==> flow/design.v <==
module core_shift_unit_p (clk, ch, sa, o);
    parameter XLEN = 16;
    localparam LG = $clog2(XLEN);
    input clk;
    input signed [XLEN-1:0] ch;
    input [LG-1:0] sa;
    output [XLEN-1:0] o;
    reg signed [XLEN-1:0] ch_q;
    reg [LG-1:0] sa_q;
    always @(posedge clk) begin
        ch_q <= ch;
        sa_q <= sa;
    end
    assign o = ch_q >>> sa_q;
endmodule
Step by step through the tools: core_shift_unit_p
The steps from the RTL of core_shift_unit_p to its reports follow in flow order.
Lines are those of the file above, counted from 1.
Cell names lack the library's common part.
{ "inputs": {"top": "core_shift_unit_p", "clk_port": "clk", "cell_library": "sky130hd", "pvt_corner": "tt_025C_1v80"} }

Word level
Counts by Yosys on the flattened word-level netlist (proc, flatten, opt, wreduce; memories kept). Register bits leave out memories and registers merged into their read ports (data or address); mux counts leave out enables and synchronous resets folded into registers. Print and check cells are left out. Cells with the same type and inputs are merged into one.
{ "word_totals": {"ff_bits": 20, "output_inout_bits": 16, "word_cells": 3} }
{ "op_classes": {"shift": 1} }
{ "ops": {"columns": ["cell", "count"], "rows": [
  [">>> shifter 16 x 4 -> 16 bit", 1]
]} }

Depth
Longest topological path by Yosys (ltp), each cell counted once; first at word level (registers and memories cut), then after technology mapping (sequential cells cut; the memories' decode and read muxes count).
{ "depth": {"ltp_word": 1, "ABC_AREA": 0, "ltp_mapped": 6} }

Netlist
Yosys stat after the flow's synthesis: flattened, memories mapped to cells. It holds for the ABC_AREA given above (unset counts as 0); a run with the other value may have another netlist.
{ "types": {"columns": ["type", "count"], "rows": [
  ["dfxtp_1", 20],
  ["mux2i_1", 14],
  ["mux4_2", 6],
  ["mux2_2", 9],
  ["nand2_1", 11],
  ["a221oi_1", 4],
  ["buf_2", 7],
  ["o21ai_0", 7],
  ["mux4_1", 1],
  ["a21oi_1", 5],
  ["nor2b_1", 4],
  ["nand2b_1", 3],
  ["o22ai_1", 3],
  ["a211oi_1", 2],
  ["a22oi_1", 2],
  ["buf_4", 2],
  ["nand3b_1", 2],
  ["nor2_1", 4]
]} }
Not listed: further types 17, cells in them 21.
{ "mapped": {"cells": 127, "yosys_area_um2": 1260.0, "seqArea_um2": 400.4, "ff_cells": 20, "buffers": 13} }

Worst setup path after synthesis
OpenSTA on the mapped netlist: ideal clock, no wires. The path of least setup slack (recovery checks aside). Input and output delay are each 20% of the period. Register names are those of the netlist, which keeps one name where synthesis merged equal registers.
{ "synth_path": {"path_type": "register to output", "start": "register sa_q[0]", "end": "output o[2]", "clock_period_ns": 2.16, "output_delay_ns": 0.432, "t_first_pin_ns": 0.000, "t_arrival_ns": 1.382, "setup_slack_ns": 0.346, "delay_ns": 1.382, "stages": 5, "path_buffers": 2, "period_less_setup_slack_ns": 1.814} }
"delay_ns" = arrival - input delay + setup time.
At an output port there is no setup time.
"stages": output pins that drive a net of the path, with the launching flip-flop's if there is one; two outputs of one cell count as two.
"period_less_setup_slack_ns" = period - worst setup slack (recovery checks aside). The figure is calculated, with input and output delays left at 20% of the set period.
The rows between start and end are the longest chain of elaborated cells between them; the timing report does not say that the signal goes this way. Where chains are equally long, one stands for them.
Each line given opens the expression or statement behind the cell; cells for indexed reads and writes are added by Yosys, which also makes memories of some case tables.
{ "synth_between": {"path_cell_list": "dfxtp_1 > buf_2 > buf_2 > o311a_1 > a221oi_1", "elab_chain_cells": 1} }
{ "synth_lines": {"columns": ["element", "line_no", "source"], "rows": [
  ["start: declaration", 9, "reg [LG-1:0] sa_q;"],
  ["start: assignment", 12, "sa_q <= sa;"],
  [">>> shifter 16 x 4 -> 16 bit", 14, "assign o = ch_q >>> sa_q;"],
  ["end: declaration", 7, "output [XLEN-1:0] o;"]
]} }

Path in the finished layout
From the final timing report of flow run 1: the path of least setup slack in the routed layout; clock arrival at registers is part of the times.
{ "layout_path": {"path_type": "register to output", "start": "register sa_q[1]", "end": "output o[2]", "clock_period_ns": 2.16, "output_delay_ns": 0.43, "t_first_pin_ns": 0.30, "t_arrival_ns": 1.94, "setup_slack_ns": -0.21, "stages": 8, "path_buffers": 3} }
The rows between start and end are the longest chain of elaborated cells between them; the timing report does not say that the signal goes this way. Where chains are equally long, one stands for them.
{ "layout_between": {"path_cell_list": "dfxtp_4 > buf_6 > buf_6 > mux4_2 > nor2b_4 > a211oi_2 > a221oi_2 > buf_2", "elab_chain_cells": 1} }
{ "layout_lines": {"columns": ["element", "line_no", "source"], "rows": [
  ["start: declaration", 9, "reg [LG-1:0] sa_q;"],
  ["start: assignment", 12, "sa_q <= sa;"],
  [">>> shifter 16 x 4 -> 16 bit", 14, "assign o = ch_q >>> sa_q;"],
  ["end: declaration", 7, "output [XLEN-1:0] o;"]
]} }

Stored flow runs of core_shift_unit_p (3 of them; Yosys, OpenROAD, sky130hd). They differ in their settings and are not a sequence. Constraints: input delay and output delay 20% of the set period each, output load 0.01 pF.
"achieved_clock_period_ns": clock period set for the run, less the worst setup slack. It is reckoned from that one timing run; input and output delays stay at 20% of the period that was set.
By "timing.worst_path_ns" is meant the share of the clock period that the worst setup path is allowed (20% is reserved at inputs, 20% at outputs), minus its slack. Clock arrival times at its registers enter into it.
"design_power_uw" rests on the timing tool's default activity at the inputs, not on a simulated workload.

Flow run 1
==> flow/run.sh <==
#!/bin/bash
# the make line also repeats the synthesis and layout settings of config.mk as NAME=value (left out here)
make -C /OpenROAD-flow-scripts/flow DESIGN_CONFIG=/design/flow/config.mk WORK_HOME=/design/flow/orfs CLKGATE_MAP_FILE= finish
==> flow/config.mk <==
export PLATFORM = sky130hd
export DESIGN_NAME = core_shift_unit_p
export DESIGN_NICKNAME = core_shift_unit_p
export VERILOG_FILES = /design/flow/design.v
export SDC_FILE = /design/flow/constraint.sdc
export NUM_CORES = 4
export LEC_CHECK = 0
export CAP_MARGIN = 20
export CORE_MARGIN = 2
export CORE_UTILIZATION = 40
export SLEW_MARGIN = 20
==> flow/constraint.sdc <==
create_clock -name core_clock -period 2.16 [get_ports {clk}]
set_input_delay 0.4320 -clock core_clock [delete_from_list [all_inputs] [get_ports {clk}]]
set_output_delay 0.4320 -clock core_clock [all_outputs]
set_load 0.01 [all_outputs]

==> results of flow run 1, as JSON <==
{
  "yosys_chip_area_um2": 1260.0,
  "final_die_area_um2": 3615.0,
  "final_stdcell_area_um2": 2055.7,
  "post_route_util_pct": 67.9,
  "worst_setup_slack_ns": -0.210,
  "tns_setup_ns": -0.845,
  "final_hold_ws_ns": 0.552,
  "design_power_uw": 1075,
  "achieved_clock_period_ns": 2.370,
  "timing.worst_path_ns": 1.94,
  "critical_path_kind": "register to output"
}

Flow run 2
==> flow/run.sh <==
#!/bin/bash
# the make line also repeats the synthesis and layout settings of config.mk as NAME=value (left out here)
make -C /OpenROAD-flow-scripts/flow DESIGN_CONFIG=/design/flow/config.mk WORK_HOME=/design/flow/orfs CLKGATE_MAP_FILE= finish
==> flow/config.mk <==
export PLATFORM = sky130hd
export DESIGN_NAME = core_shift_unit_p
export DESIGN_NICKNAME = core_shift_unit_p
export VERILOG_FILES = /design/flow/design.v
export SDC_FILE = /design/flow/constraint.sdc
export NUM_CORES = 4
export LEC_CHECK = 0
export CAP_MARGIN = 20
export CORE_ASPECT_RATIO = 0.6
export CORE_MARGIN = 3
export CORE_UTILIZATION = 49
export GPL_ROUTABILITY_DRIVEN = 1
export GPL_TIMING_DRIVEN = 0
export PLACE_DENSITY = 0.77
export SETUP_SLACK_MARGIN = 0.04
export SLEW_MARGIN = 20
export TNS_END_PERCENT = 80
==> flow/constraint.sdc <==
create_clock -name core_clock -period 1.57 [get_ports {clk}]
set_input_delay 0.3140 -clock core_clock [delete_from_list [all_inputs] [get_ports {clk}]]
set_output_delay 0.3140 -clock core_clock [all_outputs]
set_load 0.01 [all_outputs]

==> results of flow run 2, as JSON <==
{
  "yosys_chip_area_um2": 1260.0,
  "final_die_area_um2": 3235.9,
  "final_stdcell_area_um2": 2053.2,
  "post_route_util_pct": 89.5,
  "worst_setup_slack_ns": -0.542,
  "tns_setup_ns": -7.104,
  "final_hold_ws_ns": 0.484,
  "design_power_uw": 1657,
  "achieved_clock_period_ns": 2.112,
  "timing.worst_path_ns": 1.80,
  "critical_path_kind": "register to output"
}

Flow run 3
==> flow/run.sh <==
#!/bin/bash
# the make line also repeats the synthesis and layout settings of config.mk as NAME=value (left out here)
make -C /OpenROAD-flow-scripts/flow DESIGN_CONFIG=/design/flow/config.mk WORK_HOME=/design/flow/orfs CLKGATE_MAP_FILE= finish
==> flow/config.mk <==
export PLATFORM = sky130hd
export DESIGN_NAME = core_shift_unit_p
export DESIGN_NICKNAME = core_shift_unit_p
export VERILOG_FILES = /design/flow/design.v
export SDC_FILE = /design/flow/constraint.sdc
export NUM_CORES = 4
export LEC_CHECK = 0
export ABC_AREA = 1
export CAP_MARGIN = 40
export CELL_PAD_IN_SITES_GLOBAL_PLACEMENT = 0
export CORE_ASPECT_RATIO = 0.76
export CORE_MARGIN = 2
export CORE_UTILIZATION = 49
export CTS_CLUSTER_DIAMETER = 23
export GPL_TIMING_DRIVEN = 0
export MIN_ROUTING_LAYER = met1
export PLACE_DENSITY_LB_ADDON = 0.22
export SETUP_SLACK_MARGIN = 0.73
export SLEW_MARGIN = 20
==> flow/constraint.sdc <==
create_clock -name core_clock -period 3.12 [get_ports {clk}]
set_input_delay 0.6240 -clock core_clock [delete_from_list [all_inputs] [get_ports {clk}]]
set_output_delay 0.6240 -clock core_clock [all_outputs]
set_load 0.01 [all_outputs]

==> results of flow run 3, as JSON <==
{
  "yosys_chip_area_um2": 1114.8,
  "final_die_area_um2": 2676.2,
  "final_stdcell_area_um2": 1551.5,
  "post_route_util_pct": 70.1,
  "worst_setup_slack_ns": 0.832,
  "tns_setup_ns": 0.000,
  "final_hold_ws_ns": 0.737,
  "design_power_uw": 673.3,
  "achieved_clock_period_ns": 2.288,
  "timing.worst_path_ns": 1.66,
  "critical_path_kind": "register to output"
}
